==> flow/design.v <==
module dp_sum_block_p #(
    parameter int DATA_W = 48
) (
    input logic i_clk,
    input logic ce,
    input logic [DATA_W-1:0] opa,
    input logic [DATA_W-1:0] opb,
    output logic [DATA_W-1:0] res
);
    logic [DATA_W-1:0] opa_r;
    logic [DATA_W-1:0] opb_r;
    always_ff @(posedge i_clk) begin
        if (ce) begin
            opa_r <= opa;
            opb_r <= opb;
        end
    end
    logic [DATA_W:0] t;
    assign t = opa_r + opb_r;
    logic [DATA_W-1:0] res_r;
    always_ff @(posedge i_clk) begin
        if (ce) begin
            res_r <= t[DATA_W] ? {DATA_W{1'b1}} : t[DATA_W-1:0];
        end
    end
    assign res = res_r;
endmodule
# ---- Step by step through the tools: dp_sum_block_p
# Tool output for the design above, in the order of the flow.
# Line numbers count from 1 in the design file above.
# Operators carry their Yosys type and port widths (W data, S select, Z words).
# Cell names lack the library's common part.
# A cell with -- has no value.
dict set report setup {
  design {dp_sum_block_p}
  clock_port {i_clk}
  library {sky130hd}
  corner {tt_025C_1v80}
}

# ---- Elaborated design
# Yosys after proc, flatten, opt, wreduce and memory -nomap, before mapping. Enables and synchronous resets that opt folds into registers are not counted as muxes. Memory bits, and registers merged into a memory's read port (data or address), are not among the register bits. Print and check cells are not counted. Equal cells are merged and count once.
dict set report bits {
  in_bits 98
  out_inout_bits 48
  wordCells 4
  reg_bits 144
}
dict set report classes {
  n_addsub 1
}
# op count
set op_table {}
lappend op_table {{$add A48 B48 Y49} 1}

# ---- Longest topological paths
# Longest topological path by Yosys (ltp), each cell counted once; first at word level (registers and memories cut), then after technology mapping (sequential cells cut; the memories' decode and read muxes count).
dict set report logic_depth {
  depth_word 1
  ABC_AREA 0
  ltp_mapped 12
  depth_no_buf 11
}

# ---- Synthesis result
# The flow's flattened synthesis, as Yosys stat reports it; memories are mapped. The netlist is that of the ABC_AREA named above (0 if unset); the other value can give another one.
dict set report mapped {
  flip_flops 144
  area_um2 7280.7
  stdcells 570
  buf_cells 16
  sequential_area_um2 4324.1
}
# cell_type count area_total_um2
set by_type {}
lappend by_type {edfxtp_1 144 4.32E+03}
lappend by_type {ha_1 48 600.576}
lappend by_type {nand2_1 72 270.259}
lappend by_type {a21oi_1 53 265.254}
lappend by_type {a21o_1 24 180.173}
lappend by_type {xor2_1 20 175.168}
lappend by_type {xnor2_1 18 157.651}
lappend by_type {o21ai_0 18 90.086}
lappend by_type {a21boi_0 9 67.565}
lappend by_type {o21bai_1 9 67.565}
lappend by_type {nor2_1 17 63.811}
lappend by_type {and3_1 10 62.56}
lappend by_type {a31oi_1 8 50.048}
lappend by_type {and2_1 8 50.048}
lappend by_type {buf_6 4 45.043}
lappend by_type {o21a_1 6 45.043}
lappend by_type {nand4_1 7 43.792}
lappend by_type {mux2i_1 4 40.038}
# Other cell types: 39; their cells: 91.

# ---- Timing after synthesis
# OpenSTA on the mapped netlist: ideal clock, no wires. The path of least setup slack (recovery checks aside). Input and output delay are each 20% of the period. Register names are those of the netlist, which keeps one name where synthesis merged equal registers.
dict set report synth_path {
  path_type {reg-to-reg}
  startpoint {reg opa_r[0]}
  endpoint {reg res_r[36]}
  launch_ns 0.000
  t_required_ns 3.506
  t_arrival_ns 2.753
  setup_ns 0.264
  setup_slack_ns 0.753
  stages 12
  period_ns 3.77
  delay_ns 3.017
  path_buffers 0
  synth_period_reached_ns 3.017
}
# "delay_ns" is the arrival time less input delay plus setup time.
# "stages" counts driving pins, that of a launching flip-flop among them; a cell with two outputs on the path counts twice.
# "synth_period_reached_ns" = period - worst setup slack (recovery checks aside). The figure is calculated, with input and output delays left at 20% of the set period.
# Between the ends stands the longest chain of elaborated cells between them, by number of cells; it is not shown to be the way that was timed. Of several equally long chains one is given.
# A line is the first line of the expression or statement that the cell stems from. Yosys adds cells for indexed reads and writes and turns some case tables into memories.
dict set report synth_between {
  path_cell_list {edfxtp_1 -> ha_1 -> fa_1 -> a21o_1 -> a221oi_2 -> or3_1 -> a21oi_1 -> o211ai_1 -> a21oi_2 -> o21ai_0 -> nor4b_1 -> o41ai_2}
  elab_chain_cells 1
  cells_between 1
  cone_lines 1
  cone_classes {add/sub (1)}
}
# item line_no
set synth_lines {}
lappend synth_lines {{from (decl)} 10} ;# logic [DATA_W-1:0] opa_r;
lappend synth_lines {{from (assign)} 14} ;# opa_r <= opa;
lappend synth_lines {{$add A48 B48 Y49} 19} ;# assign t = opa_r + opb_r;
lappend synth_lines {{to (assign)} 23} ;# res_r <= t[DATA_W] ? {DATA_W{1'b1}} : t[DATA_W-1:0];
lappend synth_lines {{to (decl)} 20} ;# logic [DATA_W-1:0] res_r;

# ---- Timing after layout
# From the final timing report of run 1: the path of least setup slack in the routed layout; clock arrival at registers is part of the times.
dict set report layout_path {
  path_type {reg-to-reg}
  startpoint {reg opa_r[0]}
  endpoint {reg res_r[42]}
  setup_ns 0.25
  period_ns 3.77
  setup_slack_ns 0.34
  launch_ns 0.42
  path_buffers 1
  t_required_ns 3.93
  t_arrival_ns 3.60
  stages 13
}
# Between the ends stands the longest chain of elaborated cells between them, by number of cells; it is not shown to be the way that was timed. Of several equally long chains one is given.
dict set report layout_between {
  path_cell_list {edfxtp_1 -> ha_1 -> fa_1 -> a21o_1 -> a221oi_2 -> or3_1 -> a21oi_1 -> o21a_1 -> a2111oi_1 -> buf_4 -> o31ai_1 -> xnor2_1 -> nand2_1}
  elab_chain_cells 1
  cells_between 1
  cone_lines 1
  cone_classes {add/sub (1)}
}
# item line_no
set layout_lines {}
lappend layout_lines {{from (decl)} 10} ;# logic [DATA_W-1:0] opa_r;
lappend layout_lines {{from (assign)} 14} ;# opa_r <= opa;
lappend layout_lines {{$add A48 B48 Y49} 19} ;# assign t = opa_r + opb_r;
lappend layout_lines {{to (assign)} 23} ;# res_r <= t[DATA_W] ? {DATA_W{1'b1}} : t[DATA_W-1:0];
lappend layout_lines {{to (decl)} 20} ;# logic [DATA_W-1:0] res_r;

## Implementation results

Record of 3 stored runs of the RTL-to-layout flow on dp_sum_block_p, platform sky130hd. The runs are unordered. Constraints: input delay and output delay 20% of the set period each, output load 0.01 pF.
"period_less_ws_ns" is the run's clock period less its worst setup slack. It is reckoned from that one timing run; input and output delays stay at 20% of the period that was set.
By "worst_setup_path_time_ns" is meant the share of the clock period that the worst setup path is allowed (20% is reserved at inputs, 20% at outputs), minus its slack. Clock arrival times at its registers enter into it.
By "final_power_mw" is meant OpenSTA's value without simulated activity: inputs other than the clock are taken to toggle once in ten clock periods, and the tool carries that through the logic.

# run 1
==> flow/run.sh <==
#!/bin/bash
# the make line also repeats the synthesis and layout settings of config.mk as NAME=value (left out here)
make -C /OpenROAD-flow-scripts/flow DESIGN_CONFIG=/design/flow/config.mk WORK_HOME=/design/flow/orfs CLKGATE_MAP_FILE= finish
==> flow/config.mk <==
export PLATFORM = sky130hd
export DESIGN_NAME = dp_sum_block_p
export DESIGN_NICKNAME = dp_sum_block_p
export VERILOG_FILES = /design/flow/design.v
export SDC_FILE = /design/flow/constraint.sdc
export NUM_CORES = 4
export LEC_CHECK = 0
export CAP_MARGIN = 20
export CORE_MARGIN = 2
export CORE_UTILIZATION = 40
export SLEW_MARGIN = 20
==> flow/constraint.sdc <==
create_clock -name core_clock -period 3.77 [get_ports {i_clk}]
set_input_delay 0.7540 -clock core_clock [delete_from_list [all_inputs] [get_ports {i_clk}]]
set_output_delay 0.7540 -clock core_clock [all_outputs]
set_load 0.01 [all_outputs]

==> run 1: results <==
utilization_pct=53.6
design_die_area_um2=19297.4
setup_worst_slack_ns=0.335
worst_hold_slack_ns=0.698
final_power_mw=5.156
finalCellArea_um2=9593.0
period_less_ws_ns=3.435
final_setup_tns_ns=0.000
post_synth_area_um2=7280.7
worst_setup_path_time_ns=3.43
timing.worst_path_kind="reg-to-reg"

# run 2
==> flow/run.sh <==
#!/bin/bash
# the make line also repeats the synthesis and layout settings of config.mk as NAME=value (left out here)
make -C /OpenROAD-flow-scripts/flow DESIGN_CONFIG=/design/flow/config.mk WORK_HOME=/design/flow/orfs CLKGATE_MAP_FILE= finish
==> flow/config.mk <==
export PLATFORM = sky130hd
export DESIGN_NAME = dp_sum_block_p
export DESIGN_NICKNAME = dp_sum_block_p
export VERILOG_FILES = /design/flow/design.v
export SDC_FILE = /design/flow/constraint.sdc
export NUM_CORES = 4
export LEC_CHECK = 0
export CAP_MARGIN = 20
export CELL_PAD_IN_SITES_DETAIL_PLACEMENT = 0
export CORE_MARGIN = 9
export CORE_UTILIZATION = 30
export CTS_CLUSTER_DIAMETER = 146
export CTS_CLUSTER_SIZE = 18
export GPL_TIMING_DRIVEN = 0
export MAX_ROUTING_LAYER = met5
export PLACE_DENSITY = 0.5
export SLEW_MARGIN = 40
export TNS_END_PERCENT = 95
==> flow/constraint.sdc <==
create_clock -name core_clock -period 2.04 [get_ports {i_clk}]
set_input_delay 0.4080 -clock core_clock [delete_from_list [all_inputs] [get_ports {i_clk}]]
set_output_delay 0.4080 -clock core_clock [all_outputs]
set_load 0.01 [all_outputs]

==> run 2: results <==
utilization_pct=45.1
design_die_area_um2=30201.2
setup_worst_slack_ns=-1.174
worst_hold_slack_ns=0.438
final_power_mw=10.236
finalCellArea_um2=10687.8
period_less_ws_ns=3.214
final_setup_tns_ns=-54.025
post_synth_area_um2=7280.7
worst_setup_path_time_ns=3.21
timing.worst_path_kind="reg-to-reg"

# run 3
==> flow/run.sh <==
#!/bin/bash
# the make line also repeats the synthesis and layout settings of config.mk as NAME=value (left out here)
make -C /OpenROAD-flow-scripts/flow DESIGN_CONFIG=/design/flow/config.mk WORK_HOME=/design/flow/orfs CLKGATE_MAP_FILE= finish
==> flow/config.mk <==
export PLATFORM = sky130hd
export DESIGN_NAME = dp_sum_block_p
export DESIGN_NICKNAME = dp_sum_block_p
export VERILOG_FILES = /design/flow/design.v
export SDC_FILE = /design/flow/constraint.sdc
export NUM_CORES = 4
export LEC_CHECK = 0
export ABC_AREA = 0
export CAP_MARGIN = 20
export CORE_ASPECT_RATIO = 0.82
export CORE_MARGIN = 2
export CORE_UTILIZATION = 21
export MAX_ROUTING_LAYER = met5
export MIN_ROUTING_LAYER = met2
export PLACE_DENSITY = 0.82
export SETUP_SLACK_MARGIN = -0.06
export SLEW_MARGIN = 20
export TNS_END_PERCENT = 55
==> flow/constraint.sdc <==
create_clock -name core_clock -period 4.71 [get_ports {i_clk}]
set_input_delay 0.9420 -clock core_clock [delete_from_list [all_inputs] [get_ports {i_clk}]]
set_output_delay 0.9420 -clock core_clock [all_outputs]
set_load 0.01 [all_outputs]

==> run 3: results <==
utilization_pct=28.9
design_die_area_um2=36182.5
setup_worst_slack_ns=1.161
worst_hold_slack_ns=0.630
final_power_mw=4.062
finalCellArea_um2=9839.4
period_less_ws_ns=3.549
final_setup_tns_ns=0.000
post_synth_area_um2=7280.7
worst_setup_path_time_ns=3.55
timing.worst_path_kind="reg-to-reg"
